==> flow/design.v <==
module core_diff_unit_p #(
   parameter DW = 6
) (
   input logic CLK,
   input logic ce,
   input logic [DW-1:0] first_i,
   input logic [DW-1:0] second_i,
   input logic op_i,
   output logic [DW-1:0] q_o,
   output logic carry_out_o
);
   logic [DW-1:0] cur;
   logic [DW:0] cc;
   assign cc[0] = op_i;
   generate
      for (genvar g = 0; g < DW; g++) begin : blk
         core_diff_unit_p_fa inst (.a(first_i[g]), .b(second_i[g] ^ op_i), .ci(cc[g]), .s(cur[g]), .co(cc[g+1]));
      end
   endgenerate
   logic [DW-1:0] q_reg;
   always_ff @(posedge CLK) begin
      if (ce) begin
         q_reg <= cur;
      end
   end
   assign q_o = q_reg;
   logic carry_out_reg;
   always_ff @(posedge CLK) begin
      if (ce) begin
         carry_out_reg <= cc[DW];
      end
   end
   assign carry_out_o = carry_out_reg;
endmodule
module core_diff_unit_p_fa (
   input logic a,
   input logic b,
   input logic ci,
   output logic s,
   output logic co
);
   assign s = a ^ b ^ ci;
   assign co = (a & b) | (ci & (a ^ b));
endmodule
* From RTL to reports: core_diff_unit_p
Tool output for the design above, in the order of the flow. Line numbers count from 1 in the design file above. Operators carry their Yosys type and port widths (W data, S select, Z words). Library cell names are shortened. The mark n/a stands for no value.
Design: design top core_diff_unit_p, clock port CLK, standard-cell library sky130hd, timing corner tt_025C_1v80

* After elaboration
Source: Yosys, flattened and elaborated, memories not mapped. Widths are those after wreduce; folded enables and synchronous resets count as part of the registers. Registers that Yosys merges into a memory's read port (data or address) are not register bits. Print and check cells do not count. Equal cells are merged and count once.
Storage and ports: register bits after elaboration 7, cells after elaboration 38
Operators by class: bitwise operators 36
Operators by type and width (number):
- $xor A1 B1 Y1 | 18
- $and A1 B1 Y1 | 12
- $or A1 B1 Y1 | 6

* Logic depth
Depth = most cells in a row (Yosys ltp): at word level without a register or memory, in the mapped netlist without a sequential cell, where the memories' decode and read muxes count.
Depth: word-level depth 14, ABC_AREA 0, mapped depth 8, gate-level depth less buffers 7

* Synthesis result
Source: synth_stat.txt of the flow (Yosys; design flattened, memories mapped). It holds for the ABC_AREA given above (unset counts as 0); a run with the other value may have another netlist.
Cells by type:
- edfxtp_1 | number 7, total area 210.202 sq um
- fa_1 | number 5, total area 100.096 sq um
- xnor2_1 | number 4, total area 35.034 sq um
- inv_1 | number 9, total area 33.782 sq um
- xor2_2 | number 1, total area 16.266 sq um
- buf_6 | number 1, total area 11.261 sq um
- mux2i_1 | number 1, total area 10.01 sq um
- xor2_1 | number 1, total area 8.758 sq um
Mapped netlist: standard cells after synthesis 29, chip area (Yosys) 425.4 sq um, sequential area 210.2 sq um, flip-flops 7, buffers 1
The figures by module come from a second, unflattened synthesis with its own total; it is not the netlist above.
Second synthesis, totals: cell total of the unflattened synthesis 20, area (unflattened synthesis) 394.1 sq um
Rows give one instance, submodules left out.
By module:
- core_diff_unit_p | times used 1, cells 14, area 274.0 sq um, sequential area 210.2 sq um
- core_diff_unit_p_fa | times used 6, cells 1, area 20.0 sq um, sequential area 0.0 sq um

* Worst setup path after synthesis
OpenSTA on the mapped netlist: ideal clock, no wires. The path of least setup slack (recovery checks aside). Input and output delay are each 20% of the period. Register names are those of the netlist, which keeps one name where synthesis merged equal registers.
Path after synthesis: kind input-to-reg, start point input port op_i, end point register q_reg[5], period 3.89 ns, input delay 0.778 ns, library setup time 0.269 ns, launch time at the first pin 0.778 ns, data arrival time 3.001 ns, path slack 0.619 ns, path delay 2.492 ns, stages on the path 8, buffers on the path 1, synthesis period reached 3.271 ns
"path delay" = arrival - input delay + setup time. "stages on the path": output pins that drive a net of the path, with the launching flip-flop's if there is one; two outputs of one cell count as two. "synthesis period reached" is the clock period less the worst setup slack; recovery checks do not enter. This is arithmetic on one report: input and output delays are still those of the set period (20% each). The rows between start and end are the longest chain of elaborated cells between them; the timing report does not say that the signal goes this way. Where chains are equally long, one stands for them. A line is the first line of the expression or statement that the cell stems from. Yosys adds cells for indexed reads and writes and turns some case tables into memories.
On the way, after synthesis: cells stage by stage buf_6 -> xnor2_1 -> fa_1 -> fa_1 -> fa_1 -> fa_1 -> inv_1 -> fa_1, length of the longest elaborated chain 13, elaborated cells between the ends (all ways) 28
Ends and longest elaborated chain, after synthesis:
- start, declared | RTL line 8 | input logic op_i,
- $xor A1 B1 Y1 | RTL line 17 | core_diff_unit_p_fa inst (.a(first_i[g]), .b(second_i[g] ^ op_i), .ci(cc[g]), .s(cur[g]), .co(cc[g+1]));
- $xor A1 B1 Y1 | RTL line 43 | assign co = (a & b) | (ci & (a ^ b));
- $and A1 B1 Y1 | RTL line 43
- $or A1 B1 Y1 | RTL line 43
- $and A1 B1 Y1 | RTL line 43
- $or A1 B1 Y1 | RTL line 43
- $and A1 B1 Y1 | RTL line 43
- $or A1 B1 Y1 | RTL line 43
- $and A1 B1 Y1 | RTL line 43
- $or A1 B1 Y1 | RTL line 43
- $and A1 B1 Y1 | RTL line 43
- $or A1 B1 Y1 | RTL line 43
- $xor A1 B1 Y1 | RTL line 42 | assign s = a ^ b ^ ci;
- end, assigned | RTL line 23 | q_reg <= cur;
- end, declared | RTL line 20 | logic [DW-1:0] q_reg;

* Worst path after layout
From the final timing report of flow run A: the path of least setup slack in the routed layout; clock arrival at registers is part of the times.
Path post-layout: kind input-to-reg, start point input port op_i, end point register q_reg[5], period 3.89 ns, input delay 0.78 ns, library setup time 0.26 ns, launch time at the first pin 0.78 ns, data arrival time 3.47 ns, path slack 0.39 ns, stages on the path 8, buffers on the path 1
The rows between start and end are the longest chain of elaborated cells between them; the timing report does not say that the signal goes this way. Where chains are equally long, one stands for them.
On the way, post-layout: cells stage by stage clkdlybuf4s50_1 -> xnor2_1 -> fa_1 -> fa_1 -> fa_1 -> fa_1 -> inv_1 -> fa_1, length of the longest elaborated chain 13, elaborated cells between the ends (all ways) 28
Ends and longest elaborated chain, post-layout:
- start, declared | RTL line 8 | input logic op_i,
- $xor A1 B1 Y1 | RTL line 17 | core_diff_unit_p_fa inst (.a(first_i[g]), .b(second_i[g] ^ op_i), .ci(cc[g]), .s(cur[g]), .co(cc[g+1]));
- $xor A1 B1 Y1 | RTL line 43 | assign co = (a & b) | (ci & (a ^ b));
- $and A1 B1 Y1 | RTL line 43
- $or A1 B1 Y1 | RTL line 43
- $and A1 B1 Y1 | RTL line 43
- $or A1 B1 Y1 | RTL line 43
- $and A1 B1 Y1 | RTL line 43
- $or A1 B1 Y1 | RTL line 43
- $and A1 B1 Y1 | RTL line 43
- $or A1 B1 Y1 | RTL line 43
- $and A1 B1 Y1 | RTL line 43
- $or A1 B1 Y1 | RTL line 43
- $xor A1 B1 Y1 | RTL line 42 | assign s = a ^ b ^ ci;
- end, assigned | RTL line 23 | q_reg <= cur;
- end, declared | RTL line 20 | logic [DW-1:0] q_reg;

core_diff_unit_p through Yosys and OpenROAD on sky130hd: 3 stored runs, unordered, with their settings and measured results. The constraints put input and output delay at 20% of the set period each and load the outputs with 0.01 pF.
"achieved clock period" means the clock period less the worst setup slack. The figure is calculated, with input and output delays left at 20% of the set period.
"worst setup path time" is the time allowed to the run's worst setup path (the clock period less input and output delay, where it has them) less its slack. Clock arrival times count: a late capture clock shortens it, a late launch clock lengthens it.
"power": no workload was simulated; the value follows from the tool's default switching activity.
[flow run A] settings: period_ns=3.89, CAP_MARGIN=20, CORE_MARGIN=2, CORE_UTILIZATION=40, SLEW_MARGIN=20
[flow run A] result: chip area after synthesis (Yosys) 425.4 sq um, die area 1340.3 sq um, standard-cell area of the final layout 666.9 sq um, utilization 69.2 %, worst setup slack after layout 0.385 ns, total negative slack 0.000 ns, worst hold slack 1.264 ns, power 228.2 uW, achieved clock period 3.505 ns, worst setup path time 2.73 ns, worst setup path kind input-to-reg
[flow run B] settings: period_ns=2.43, CORE_UTILIZATION=61, SETUP_SLACK_MARGIN=0.55, PLACE_DENSITY_LB_ADDON=0.07, CORE_MARGIN=7, CELL_PAD_IN_SITES_GLOBAL_PLACEMENT=0, CELL_PAD_IN_SITES_DETAIL_PLACEMENT=0, TNS_END_PERCENT=10, ABC_AREA=1, GPL_TIMING_DRIVEN=0, CAP_MARGIN=20, MAX_ROUTING_LAYER=met5, SLEW_MARGIN=20
[flow run B] result: did not finish, floorplanning stopped with PDN-0185
[flow run C] settings: period_ns=4.1, CORE_UTILIZATION=31, PLACE_DENSITY_LB_ADDON=0.21, CORE_ASPECT_RATIO=1.43, CELL_PAD_IN_SITES_GLOBAL_PLACEMENT=0, CELL_PAD_IN_SITES_DETAIL_PLACEMENT=0, ABC_AREA=1, MAX_ROUTING_LAYER=met4, CAP_MARGIN=20, CORE_MARGIN=2, SLEW_MARGIN=20
[flow run C] result: chip area after synthesis (Yosys) 449.2 sq um, die area 1774.3 sq um, standard-cell area of the final layout 708.2 sq um, utilization 52.0 %, worst setup slack after layout 0.412 ns, total negative slack 0.000 ns, worst hold slack 1.273 ns, power 221.6 uW, achieved clock period 3.688 ns, worst setup path time 2.87 ns, worst setup path kind input-to-reg
